==> flow/design.v <==
module dp_relation_v2 #(
  parameter DW = 8
) (
  input  wire CLK,
  input  wire i_rst_n,
  input  wire [DW-1:0] dataa,
  input  wire [DW-1:0] datab,
  output wire is_gt
);
  reg [DW-1:0] dataa_ff;
  always @(posedge CLK or negedge i_rst_n) begin
    if (~i_rst_n) begin
      dataa_ff <= 0;
    end else begin
      dataa_ff <= dataa;
    end
  end
  reg [DW-1:0] datab_ff;
  always @(posedge CLK or negedge i_rst_n) begin
    if (~i_rst_n) begin
      datab_ff <= 0;
    end else begin
      datab_ff <= datab;
    end
  end
  wire [DW:0] cc;
  assign cc[0] = 1'b0;
  genvar g;
  generate
    for (g = 0; g < DW; g = g + 1) begin : blk
      assign cc[g+1] = (dataa_ff[g] ^ datab_ff[g]) ? dataa_ff[g] : cc[g];
    end
  endgenerate
  assign is_gt = cc[DW];
endmodule
-- Step by step through the tools: dp_relation_v2
Tool output for the members of one design family, told apart by "DW", in the order of the flow.
The file above is the member DW=8. Line numbers count from 1 in each member's own file.
Library cell names are shortened.
A cell with - has no value.
- top: dp_relation_v2
- clock: CLK
- cell library: sky130hd
- corner: tt_025C_1v80

-- Source of the members
Lines of each other member's file that are new or changed against the file above; lines that a member lacks are not shown.
- lines new or changed (DW ; line ; RTL):
    96 ; 2 ; parameter DW = 96
    128 ; 2 ; parameter DW = 128

-- Elaborated design
Yosys after proc, flatten, opt, wreduce and memory -nomap, before mapping. Enables and synchronous resets that opt folds into registers are not counted as muxes. Memory bits, and registers merged into a memory's read port (data or address), are not among the register bits. Print and check cells are not counted. Equal cells are merged and count once.
- operators by class (DW ; reduce/logical cells ; magnitude comparators ; bitwise logic cells ; equal/unequal tests ; $add $sub $neg ; $mul ; div/mod/pow operators ; shifts and indexed selects ; muxes and demuxes):
    8 ; 0 ; 0 ; 8 ; 0 ; 0 ; 0 ; 0 ; 0 ; 8
    96 ; 0 ; 0 ; 96 ; 0 ; 0 ; 0 ; 0 ; 0 ; 96
    128 ; 0 ; 0 ; 128 ; 0 ; 0 ; 0 ; 0 ; 0 ; 128
- operators by type and width (DW ; kinds with counts):
    8 ; 8 x XOR 1 bit; 8 x two-way mux 1 bit
    96 ; 96 x XOR 1 bit; 96 x two-way mux 1 bit
    128 ; 128 x XOR 1 bit; 128 x two-way mux 1 bit
- storage and ports (DW ; ROM bits ; bits in latches ; memories ; register bits after elaboration ; input port bits ; RAM bits ; elaborated cells ; output and inout port bits ; word width x clocked read ports):
    8 ; 0 ; 0 ; 0 ; 16 ; 18 ; 0 ; 18 ; 1 ; 0
    96 ; 0 ; 0 ; 0 ; 192 ; 194 ; 0 ; 194 ; 1 ; 0
    128 ; 0 ; 0 ; 0 ; 256 ; 258 ; 0 ; 258 ; 1 ; 0

-- Logic depth
Yosys ltp: most cells in a row. Word level: on the elaborated netlist, between registers, memories and ports. Mapped: between sequential cells and ports; inverters and the memories' decode and read muxes count.
- depth (DW ; word-level depth ; ABC_AREA ; mapped depth):
    8 ; 9 ; 0 ; 4
    96 ; 97 ; 0 ; 8
    128 ; 129 ; 0 ; 7

-- Netlist
Source: synth_stat.txt of the flow (Yosys; design flattened, memories mapped). It holds for the ABC_AREA given above (unset counts as 0); a run with the other value may have another netlist.
- cells by type (DW ; type and count):
    8 ; 16 x dfrtp_1; 7 x inv_1; 2 x maj3_2; 1 x o221ai_2; 1 x nor2b_4; 1 x a21oi_2; 1 x a221oi_1; 1 x a22o_1; 1 x a2bb2oi_1; 1 x o2bb2ai_1; 1 x nand2b_1; 1 x o22ai_1
    96 ; 192 x dfrtp_1; 45 x nand2b_1; 65 x inv_1; 39 x nor2b_1; 23 x a21oi_1; 15 x o22ai_1; 21 x nand2_1; 10 x a31oi_1; 7 x a2111oi_0; 6 x o221ai_1; 10 x nand3_1; 10 x o21ai_0; 6 x a22oi_1; 4 x maj3_1; 5 x o211ai_1; 4 x nand3b_1; 4 x o31ai_1; 1 x a2111oi_4; [+66]
    128 ; 256 x dfrtp_1; 105 x inv_1; 44 x nand2b_1; 37 x nor2b_1; 14 x maj3_1; 20 x o22ai_1; 3 x a2111oi_4; 7 x maj3_2; 9 x o2111ai_1; 6 x a222oi_1; 15 x nand2_1; 7 x a22oi_1; 9 x a21oi_1; 5 x o221ai_1; 5 x o31a_1; 5 x o211ai_1; 4 x a2111oi_0; 4 x a221oi_1; [+83]
A list marked [+n] leaves out that many cells.
- mapped netlist (DW ; sequential part of the area (um^2) ; cell count ; buffers ; flip-flop cells ; synthesis area (um^2)):
    8 ; 400.4 ; 34 ; 0 ; 16 ; 534.3
    96 ; 4804.6 ; 533 ; 0 ; 192 ; 6862.8
    128 ; 6406.1 ; 638 ; 0 ; 256 ; 8836.0

-- Timing after synthesis
Source: OpenSTA report_checks on the synthesized netlist (no wires, ideal clock, input and output delay 20% of the period each), path of least setup slack; recovery checks are left aside. Register names are those of the netlist, which keeps one name where synthesis merged equal registers.
- path after synthesis (DW ; path type ; start ; end ; stages on the path ; slack (ns) ; delay of the path (ns) ; period (ns) ; period reached after synthesis (ns)):
    8 ; reg2out ; register dataa_ff[0] ; output port is_gt ; 5 ; 0.247 ; 0.977 ; 1.53 ; 1.283
    96 ; reg2out ; register datab_ff[0] ; output port is_gt ; 9 ; 0.542 ; 2.170 ; 3.39 ; 2.848
    128 ; reg2out ; register datab_ff[105] ; output port is_gt ; 8 ; 0.433 ; 1.743 ; 2.72 ; 2.287
"delay of the path" = arrival - input delay + setup time.
At an output port there is no setup time.
"stages on the path" counts driving pins, that of a launching flip-flop among them; a cell with two outputs on the path counts twice.
"period reached after synthesis" is the clock period less the worst setup slack; recovery checks do not enter. This is arithmetic on one report: input and output delays are still those of the set period (20% each).
The rows between start and end are the longest chain of elaborated cells between them; the timing report does not say that the signal goes this way. Where chains are equally long, one stands for them.
A line is the first line of the expression or statement that the cell stems from. Yosys adds cells for indexed reads and writes and turns some case tables into memories.
On the way, after synthesis, DW=8:
- cells in the longest elaborated chain at 9
- RTL lines, path after synthesis, DW=8 (item ; line ; RTL):
    from (decl) ; 10 ; reg [DW-1:0] dataa_ff;
    from (assign) ; 13 ; dataa_ff <= 0;
    from (assign) ; 15 ; dataa_ff <= dataa;
    XOR 1 bit ; 31 ; assign cc[g+1] = (dataa_ff[g] ^ datab_ff[g]) ? dataa_ff[g] : cc[g];
    two-way mux 1 bit x8 ; 31 ;
    to (decl) ; 8 ; output wire is_gt
On the way, after synthesis, DW=128:
- cells in the longest elaborated chain at 24
- RTL lines, path after synthesis, DW=128 (item ; line ; RTL):
    from (decl) ; 18 ; reg [DW-1:0] datab_ff;
    from (assign) ; 21 ; datab_ff <= 0;
    from (assign) ; 23 ; datab_ff <= datab;
    XOR 1 bit ; 31 ; assign cc[g+1] = (dataa_ff[g] ^ datab_ff[g]) ? dataa_ff[g] : cc[g];
    two-way mux 1 bit x23 ; 31 ;
    to (decl) ; 8 ; output wire is_gt

-- Timing after layout
Path of least setup slack in the final report of the run of each member (OpenROAD, finished layout, wires in). Where an end is a register, its clock arrival counts in the times.
- path after layout (DW ; path type ; start ; end ; arrival (ns) ; slack (ns) ; stages on the path ; period (ns)):
    8 ; reg2out ; register dataa_ff[0] ; output port is_gt ; 1.41 ; -0.19 ; 6 ; 1.53
    96 ; reg2out ; register dataa_ff[79] ; output port is_gt ; 2.63 ; 0.08 ; 10 ; 3.39
    128 ; reg2out ; register datab_ff[86] ; output port is_gt ; 2.60 ; -0.43 ; 10 ; 2.72

-- Measured runs
Settings and results of one run of the flow (Yosys, OpenROAD) for each member follow. The constraints put input and output delay at 20% of the set period each and load the outputs with 0.01 pF.
- CAP_MARGIN at 20
- CORE_MARGIN: 2
- CORE_UTILIZATION at 40
- SLEW_MARGIN at 20
- settings by member (DW ; period_ns):
    8 ; 1.53
    96 ; 3.39
    128 ; 2.72
- final reports (DW ; total negative slack (ns) ; lowest setup slack (ns) ; utilization of the finished layout ; mapped cell area after synthesis (um^2) ; period reached (ns) ; power (uW) ; overall die area (um^2) ; area of the standard cells in the finished layout (um^2)):
    8 ; -0.186 ; -0.186 ; 0.62 ; 534.3 ; 1.716 ; 810.6 ; 1643.9 ; 787.0
    96 ; 0.000 ; 0.080 ; 0.593 ; 6862.8 ; 3.310 ; 4908 ; 18221.0 ; 9904.5
    128 ; -0.427 ; -0.427 ; 0.611 ; 8836.0 ; 3.147 ; 8715 ; 23294.4 ; 13292.7
"period reached": clock period set for the run, less the worst setup slack. It is reckoned from that one timing run; input and output delays stay at 20% of the period that was set.
"power" rests on the timing tool's default activity at the inputs, not on a simulated workload.
